==> flow/design.v <==
module add_core_rtl #(
    parameter DWIDTH = 56,
    parameter BS = 4
) (
    input  wire ck,
    input  wire [DWIDTH-1:0] u,
    input  wire [DWIDTH-1:0] v,
    input  wire ci,
    output wire [DWIDTH-1:0] o,
    output wire carry
);
    reg [DWIDTH-1:0] u_r;
    always @(posedge ck)
        u_r <= u;
    reg [DWIDTH-1:0] v_r;
    always @(posedge ck)
        v_r <= v;
    reg ci_r;
    always @(posedge ck)
        ci_r <= ci;
    localparam NB = DWIDTH / BS;
    wire [DWIDTH-1:0] val;
    wire [NB:0] cy;
    assign cy[0] = ci_r;
    genvar i;
    generate
        for (i = 0; i < NB; i = i + 1) begin : each
            wire [BS:0] s0 = u_r[i*BS +: BS] + v_r[i*BS +: BS];
            wire [BS:0] s1 = u_r[i*BS +: BS] + v_r[i*BS +: BS] + 1'b1;
            assign {cy[i+1], val[i*BS +: BS]} = cy[i] ? s1 : s0;
        end
    endgenerate
    assign o = val;
    assign carry = cy[NB];
endmodule
# Step by step through the tools: add_core_rtl
# The steps from the RTL of add_core_rtl to its reports follow in flow order.
# Line numbers count from 1 in the design file above.
# Operators: Yosys type, input widths -> output width; for muxes data width and select width s.
# Cell names lack the library's common part.
# Not given: n/a
# design
top_module	add_core_rtl
clk_port	ck
cell_library	sky130hd
pvt_corner	tt_025C_1v80

# Elaborated design
# Source: Yosys, flattened and elaborated, memories not mapped. Widths are those after wreduce; folded enables and synchronous resets count as part of the registers. Registers that Yosys merges into a memory's read port (data or address) are not register bits. Print and check cells do not count. Equal cells are merged and count once.
# classes
mux	14
addsub	28
# ops
cell	n
$add 4x4->5	14
$add 5x1->5 const B	14
$mux 5	14
# bits
regBits	113
word_cells	45

# Longest topological paths
# Depth = most cells in a row (Yosys ltp): at word level without a register or memory, in the mapped netlist without a sequential cell, where the memories' decode and read muxes count.
# logic_depth
ltp_word	16
abc_area	0
mapped_depth	20
mapped_depth_nobuf	20

# Synthesis result
# The flow's flattened synthesis, as Yosys stat reports it; memories are mapped. The netlist is that of the ABC_AREA named above (0 if unset); the other value can give another one.
# by_type
cell_type	n
dfxtp_1	113
ha_1	70
xnor2_1	51
xor2_1	33
fa_1	14
a21o_1	27
a21oi_1	28
mux2i_1	13
mux2_2	10
nand4_1	13
nand3b_1	10
nand2_1	19
nand3_1	9
nand4b_1	5
and2_2	5
mux2_1	3
nand4bb_1	2
o31ai_4	1
# Not listed: further types 18, cells in them 28.
# mapped
sequential_area_um2	2262.2
mapped_cells	454
mapped_area_um2	5385.2
ff_cells	113
buf_cells	1

# Worst setup path after synthesis
# OpenSTA on the mapped netlist: ideal clock, no wires. The path of least setup slack (recovery checks aside). Input and output delay are each 20% of the period. Register names are those of the netlist, which keeps one name where synthesis merged equal registers.
# synth_path
path_type	register to output
start	register u_r[0]
end	output o[53]
slack_ps	1505
stages	21
t_first_pin_ps	0
out_delay_ps	1882
delay_ps	6023
tclk_ps	9410
t_arrival_ps	6023
path_buffers	0
synth_period_reached_ps	7905
# "delay_ps" = arrival - input delay + setup time.
# A path that ends at an output port has no setup time.
# "stages" counts driving pins, that of a launching flip-flop among them; a cell with two outputs on the path counts twice.
# "synth_period_reached_ps" is the clock period less the worst setup slack; recovery checks do not enter. This is arithmetic on one report: input and output delays are still those of the set period (20% each).
# Between the ends stands the longest chain of elaborated cells between them, by number of cells; it is not shown to be the way that was timed. Of several equally long chains one is given.
# A line is the first line of the expression or statement that the cell stems from. Yosys adds cells for indexed reads and writes and turns some case tables into memories.
# synth_via
cell_sequence	dfxtp_1 ha_1 fa_1 ha_1 and2_1 a21oi_1 a31o_2 a221oi_2 mux2i_1 mux2i_1 mux2i_1 mux2i_1 mux2i_1 mux2i_1 mux2i_1 mux2i_1 mux2i_1 mux2i_1 mux2i_2 xnor2_1 mux2_1
elab_chain_len	16
# synth_lines
item	line	source
start: declaration	12	reg [DWIDTH-1:0] u_r;
start: assignment	14	u_r <= u;
$add 4x4->5	29	wire [BS:0] s1 = u_r[i*BS +: BS] + v_r[i*BS +: BS] + 1'b1;
$add 5x1->5	29
$mux 5 (14 in a row)	30	assign {cy[i+1], val[i*BS +: BS]} = cy[i] ? s1 : s0;
end: declaration	9	output wire [DWIDTH-1:0] o,

# Timing after layout
# From the final timing report of run A: the path of least setup slack in the routed layout; clock arrival at registers is part of the times.
# The path's times are printed in steps of 10 ps; the period is the one set.
# layout_path
path_type	register to output
start	register u_r[0]
end	output o[53]
stages	23
t_first_pin_ps	410
path_buffers	2
out_delay_ps	1880
tclk_ps	9410
slack_ps	390
t_arrival_ps	7140
# Between the ends stands the longest chain of elaborated cells between them, by number of cells; it is not shown to be the way that was timed. Of several equally long chains one is given.
# layout_via
cell_sequence	dfxtp_1 ha_1 fa_1 ha_1 and2_1 a21oi_1 a31o_2 a221oi_4 mux2i_2 mux2i_2 mux2i_2 mux2i_2 mux2i_2 mux2i_2 mux2i_2 mux2i_2 mux2i_2 mux2i_2 buf_4 mux2i_4 xnor2_1 mux2_1 clkdlybuf4s50_1
elab_chain_len	16
# layout_lines
item	line	source
start: declaration	12	reg [DWIDTH-1:0] u_r;
start: assignment	14	u_r <= u;
$add 4x4->5	29	wire [BS:0] s1 = u_r[i*BS +: BS] + v_r[i*BS +: BS] + 1'b1;
$add 5x1->5	29
$mux 5 (14 in a row)	30	assign {cy[i+1], val[i*BS +: BS]} = cy[i] ? s1 : s0;
end: declaration	9	output wire [DWIDTH-1:0] o,

FLOW RESULTS
============

Measured data: module add_core_rtl, platform sky130hd, 3 stored runs of the flow under differing settings, order arbitrary. Input and output delays are each 20% of the period that was set; the output load is 0.01 pF.
"clock_period_reached_ps" = clock period - worst setup slack. The figure is calculated, with input and output delays left at 20% of the set period.
By "critical_path_time_ps" is meant the share of the clock period that the worst setup path is allowed (20% is reserved at inputs, 20% at outputs), minus its slack. Clock arrival times at its registers enter into it.
"total_power_uw" is the tool's figure for a default switching activity; nothing was simulated.
"critical_path_time_ps" is given in steps of 10 ps.

Run A, flow files:
==> flow/run.sh <==
#!/bin/bash
# the make line also repeats the synthesis and layout settings of config.mk as NAME=value (left out here)
make -C /OpenROAD-flow-scripts/flow DESIGN_CONFIG=/design/flow/config.mk WORK_HOME=/design/flow/orfs CLKGATE_MAP_FILE= finish
==> flow/config.mk <==
export PLATFORM = sky130hd
export DESIGN_NAME = add_core_rtl
export DESIGN_NICKNAME = add_core_rtl
export VERILOG_FILES = /design/flow/design.v
export SDC_FILE = /design/flow/constraint.sdc
export NUM_CORES = 4
export LEC_CHECK = 0
export CAP_MARGIN = 20
export CORE_MARGIN = 2
export CORE_UTILIZATION = 40
export SLEW_MARGIN = 20
==> flow/constraint.sdc <==
create_clock -name core_clock -period 9.41 [get_ports {ck}]
set_input_delay 1.8820 -clock core_clock [delete_from_list [all_inputs] [get_ports {ck}]]
set_output_delay 1.8820 -clock core_clock [all_outputs]
set_load 0.01 [all_outputs]

==> results of run A, as CSV <==
result,value
post_synth_area_um2,5385.2
finish.utilization_pct,60.4
total_power_uw,1553
critical_path_time_ps,7140
path_kind,"register to output"
cell_area_final_um2,7971.4
die_um2,14407.2
timing.setup.ws_ps,385
clock_period_reached_ps,9025
tns_ps,0
timing.hold.ws_ps,1913

Run B, flow files:
==> flow/run.sh <==
#!/bin/bash
# the make line also repeats the synthesis and layout settings of config.mk as NAME=value (left out here)
make -C /OpenROAD-flow-scripts/flow DESIGN_CONFIG=/design/flow/config.mk WORK_HOME=/design/flow/orfs CLKGATE_MAP_FILE= finish
==> flow/config.mk <==
export PLATFORM = sky130hd
export DESIGN_NAME = add_core_rtl
export DESIGN_NICKNAME = add_core_rtl
export VERILOG_FILES = /design/flow/design.v
export SDC_FILE = /design/flow/constraint.sdc
export NUM_CORES = 4
export LEC_CHECK = 0
export ABC_AREA = 1
export CAP_MARGIN = 5
export CELL_PAD_IN_SITES_DETAIL_PLACEMENT = 0
export CELL_PAD_IN_SITES_GLOBAL_PLACEMENT = 2
export CORE_MARGIN = 5
export CORE_UTILIZATION = 34
export MAX_ROUTING_LAYER = met5
export MIN_ROUTING_LAYER = met1
export PLACE_DENSITY = 0.69
export SLEW_MARGIN = 15
export TNS_END_PERCENT = 80
==> flow/constraint.sdc <==
create_clock -name core_clock -period 4.79 [get_ports {ck}]
set_input_delay 0.9580 -clock core_clock [delete_from_list [all_inputs] [get_ports {ck}]]
set_output_delay 0.9580 -clock core_clock [all_outputs]
set_load 0.01 [all_outputs]

==> results of run B, as CSV <==
result,value
finish.utilization_pct,53.1
tns_ps,-1944
clock_period_reached_ps,4974
die_um2,19432.4
total_power_uw,3700
post_synth_area_um2,5693.0
critical_path_time_ps,4020
path_kind,"register to output"
timing.hold.ws_ps,986
cell_area_final_um2,8774.7
timing.setup.ws_ps,-184

Run C, flow files:
==> flow/run.sh <==
#!/bin/bash
# the make line also repeats the synthesis and layout settings of config.mk as NAME=value (left out here)
make -C /OpenROAD-flow-scripts/flow DESIGN_CONFIG=/design/flow/config.mk WORK_HOME=/design/flow/orfs CLKGATE_MAP_FILE= finish
==> flow/config.mk <==
export PLATFORM = sky130hd
export DESIGN_NAME = add_core_rtl
export DESIGN_NICKNAME = add_core_rtl
export VERILOG_FILES = /design/flow/design.v
export SDC_FILE = /design/flow/constraint.sdc
export NUM_CORES = 4
export LEC_CHECK = 0
export ABC_AREA = 0
export CAP_MARGIN = 20
export CELL_PAD_IN_SITES_DETAIL_PLACEMENT = 2
export CORE_MARGIN = 2
export CORE_UTILIZATION = 51
export GPL_ROUTABILITY_DRIVEN = 0
export GPL_TIMING_DRIVEN = 1
export MAX_ROUTING_LAYER = met5
export MIN_ROUTING_LAYER = met1
export PLACE_DENSITY = 0.55
export SETUP_SLACK_MARGIN = 1.13
export SLEW_MARGIN = 20
export TNS_END_PERCENT = 20
==> flow/constraint.sdc <==
create_clock -name core_clock -period 5.93 [get_ports {ck}]
set_input_delay 1.1860 -clock core_clock [delete_from_list [all_inputs] [get_ports {ck}]]
set_output_delay 1.1860 -clock core_clock [all_outputs]
set_load 0.01 [all_outputs]

Run C: stopped before the end: placement reported a tool error
